==> flow/design.v <==
module add_core #(
   parameter DATA_W = 56
) (
   input sys_clk,
   input [DATA_W-1:0] i_op_a,
   input [DATA_W-1:0] i_op_b,
   input [DATA_W-1:0] i_op_c,
   output [DATA_W+1:0] o_result
);
   reg [DATA_W-1:0] op_a_r;
   reg [DATA_W-1:0] op_b_r;
   reg [DATA_W-1:0] op_c_r;
   wire [DATA_W-1:0] work;
   assign work = op_a_r ^ op_b_r ^ op_c_r;
   wire [DATA_W-1:0] cc;
   assign cc = (op_a_r & op_b_r) | (op_a_r & op_c_r) | (op_b_r & op_c_r);
   assign o_result = work + {cc, 1'b0};
   always @(posedge sys_clk) begin
      op_a_r <= i_op_a;
      op_b_r <= i_op_b;
      op_c_r <= i_op_c;
   end
endmodule
# == Step by step through the tools: add_core ==
# The steps from the RTL of add_core to its reports follow in flow order.
# Lines are those of the file above, counted from 1.
# Operators carry their Yosys type and port widths (W data, S select, Z words).
# The mark -- stands for no value.
# setup
top,add_core
clock_port,sys_clk
library,sky130hd
pvt_corner,tt_025C_1v80

# == Word level ==
# Counts by Yosys on the flattened word-level netlist (proc, flatten, opt, wreduce; memories kept). Register bits leave out memories and registers merged into their read ports (data or address); mux counts leave out enables and synchronous resets folded into registers. Print and check cells are left out. Cells with the same type and inputs are merged into one.
# word_totals
reg_bits,168
in_bits,169
output_inout_bits,58
# classes
n_addsub,1
n_logic,7
# ops
operator,count
$and A56 B56 Y56,3
$or A56 B56 Y56,2
$xor A56 B56 Y56,2
$add A56 B57 Y58,1

# == Depth ==
# Yosys ltp: most cells in a row. Word level: on the elaborated netlist, between registers, memories and ports. Mapped: between sequential cells and ports; inverters and the memories' decode and read muxes count.
# logic_depth
word_depth,4
abc_area,0
ltp_mapped,13

# == Synthesis result ==
# Source: synth_stat.txt of the flow (Yosys; design flattened, memories mapped). It holds for the ABC_AREA given above (unset counts as 0); a run with the other value may have another netlist.
# The area totals of this step are shown rounded.
# synth_totals
cell_count,757
yosys_area_um2,7900
sequential_area_um2,3400
ffs,168
# types
cell_type,count
sky130_fd_sc_hd__dfxtp_1,168
sky130_fd_sc_hd__fa_1,57
sky130_fd_sc_hd__ha_1,55
sky130_fd_sc_hd__a21oi_1,77
sky130_fd_sc_hd__xnor2_1,31
sky130_fd_sc_hd__a21o_1,27
sky130_fd_sc_hd__nand2_1,53
sky130_fd_sc_hd__xor2_1,19
sky130_fd_sc_hd__nor2_1,41
sky130_fd_sc_hd__o21ai_0,27
sky130_fd_sc_hd__inv_1,35
sky130_fd_sc_hd__nand4_1,20
sky130_fd_sc_hd__clkbuf_1,24
sky130_fd_sc_hd__o21bai_1,11
sky130_fd_sc_hd__a31oi_1,11
sky130_fd_sc_hd__nand3_1,12
sky130_fd_sc_hd__o211ai_1,6
sky130_fd_sc_hd__nor4_1,7
# Not listed: further types 35, cells in them 76.

# == Worst setup path after synthesis ==
# Source: OpenSTA report_checks on the synthesized netlist (no wires, ideal clock, input and output delay 20% of the period each), path of least setup slack; recovery checks are left aside. Register names are those of the netlist, which keeps one name where synthesis merged equal registers.
# synth_path
path_type,reg-to-output
start,register op_a_r[1]
end,output port o_result[51]
period_ns,4.96
t_first_pin_ns,0.000
t_arrival_ns,3.174
required_time_ns,3.968
slack_ns,0.794
path_delay_ns,3.174
path_stages,12
path_buffers,0
period_less_setup_slack_ns,4.166
# "path_delay_ns" = arrival - input delay + setup time.
# At an output port there is no setup time.
# "path_stages": output pins that drive a net of the path, with the launching flip-flop's if there is one; two outputs of one cell count as two.
# "period_less_setup_slack_ns" is the clock period less the worst setup slack; recovery checks do not enter. This is arithmetic on one report: input and output delays are still those of the set period (20% each).
# The rows between start and end are the longest chain of elaborated cells between them; the timing report does not say that the signal goes this way. Where chains are equally long, one stands for them.
# A line is the first line of the expression or statement that the cell stems from. Yosys adds cells for indexed reads and writes and turns some case tables into memories.
# synth_between
path_cell_list,sky130_fd_sc_hd__dfxtp_1 > sky130_fd_sc_hd__fa_1 > sky130_fd_sc_hd__ha_1 > sky130_fd_sc_hd__fa_1 > sky130_fd_sc_hd__a21o_1 > sky130_fd_sc_hd__a221o_1 > sky130_fd_sc_hd__nand4_1 > sky130_fd_sc_hd__a21oi_1 > sky130_fd_sc_hd__o31ai_1 > sky130_fd_sc_hd__a21oi_2 > sky130_fd_sc_hd__and4_4 > sky130_fd_sc_hd__nor4_1
elab_chain_len,4
cone_cells,7
cone_lines,3
# synth_lines
item,line_no,source
from (decl),10,reg [DATA_W-1:0] op_a_r;
from (assign),19,op_a_r <= i_op_a;
$and A56 B56 Y56,16,assign cc = (op_a_r & op_b_r) | (op_a_r & op_c_r) | (op_b_r & op_c_r);
$or A56 B56 Y56 (2 in a row),16,
$add A56 B57 Y58,17,"assign o_result = work + {cc, 1'b0};"
to (decl),8,output [DATA_W+1:0] o_result

# == Path in the finished layout ==
# From the final timing report of stored run 1: the path of least setup slack in the routed layout; clock arrival at registers is part of the times.
# layout_path
path_type,reg-to-output
start,register op_a_r[1]
end,output port o_result[51]
period_ns,4.96
t_first_pin_ns,0.42
t_arrival_ns,3.85
required_time_ns,3.97
slack_ns,0.12
path_stages,15
path_buffers,3
# The rows between start and end are the longest chain of elaborated cells between them; the timing report does not say that the signal goes this way. Where chains are equally long, one stands for them.
# layout_between
path_cell_list,sky130_fd_sc_hd__dfxtp_1 > sky130_fd_sc_hd__fa_1 > sky130_fd_sc_hd__ha_2 > sky130_fd_sc_hd__fa_2 > sky130_fd_sc_hd__a21o_1 > sky130_fd_sc_hd__a221o_1 > sky130_fd_sc_hd__buf_4 > sky130_fd_sc_hd__nand4_1 > sky130_fd_sc_hd__a21oi_2 > sky130_fd_sc_hd__o31ai_2 > sky130_fd_sc_hd__buf_4 > sky130_fd_sc_hd__a21oi_2 > sky130_fd_sc_hd__and4_4 > sky130_fd_sc_hd__nor4_1 > sky130_fd_sc_hd__buf_2
elab_chain_len,4
cone_cells,7
cone_lines,3
# layout_lines
item,line_no,source
from (decl),10,reg [DATA_W-1:0] op_a_r;
from (assign),19,op_a_r <= i_op_a;
$and A56 B56 Y56,16,assign cc = (op_a_r & op_b_r) | (op_a_r & op_c_r) | (op_b_r & op_c_r);
$or A56 B56 Y56 (2 in a row),16,
$add A56 B57 Y58,17,"assign o_result = work + {cc, 1'b0};"
to (decl),8,output [DATA_W+1:0] o_result

# Settings and measured results of 2 stored flow runs for module add_core (sky130hd), not sorted in any way. The constraints put input and output delay at 20% of the set period each and load the outputs with 0.01 pF.
# By "achievedPeriod_ns" is meant the clock period of the run minus its worst setup slack. This is arithmetic on one report: input and output delays are still those of the set period (20% each).
# By "worst_path_time_ns" is meant the share of the clock period that the worst setup path is allowed (20% is reserved at inputs, 20% at outputs), minus its slack. Clock arrival times at its registers enter into it.
# "power_total_uw" is the tool's figure for a default switching activity; nothing was simulated.
# Results are given in rounded form.
# Settings: -- = not set for that run.
stored run,period_ns,CAP_MARGIN,CORE_MARGIN,CORE_UTILIZATION,SLEW_MARGIN,SETUP_SLACK_MARGIN,PLACE_DENSITY_LB_ADDON,GPL_TIMING_DRIVEN,GPL_ROUTABILITY_DRIVEN,CTS_CLUSTER_SIZE,CTS_CLUSTER_DIAMETER,MAX_ROUTING_LAYER,achievedPeriod_ns,worstSetupSlack_ns,power_total_uw,hold_worst_slack_ns,finalUtil_frac,worst_path_time_ns,worstPathKind,synthArea_um2,die_um2,setupTns_ns
stored run 1,4.96,20,2,40,20,--,--,--,--,--,--,--,4.837,0.12,4600,1.0,0.58,3.85,reg-to-output,7900,21000,0.000
stored run 2,6.96,20,2,54,30,1.37,0.06,0,1,100,216,met5,5.521,1.4,3400,1.4,0.78,4.13,reg-to-output,7900,16000,0.000
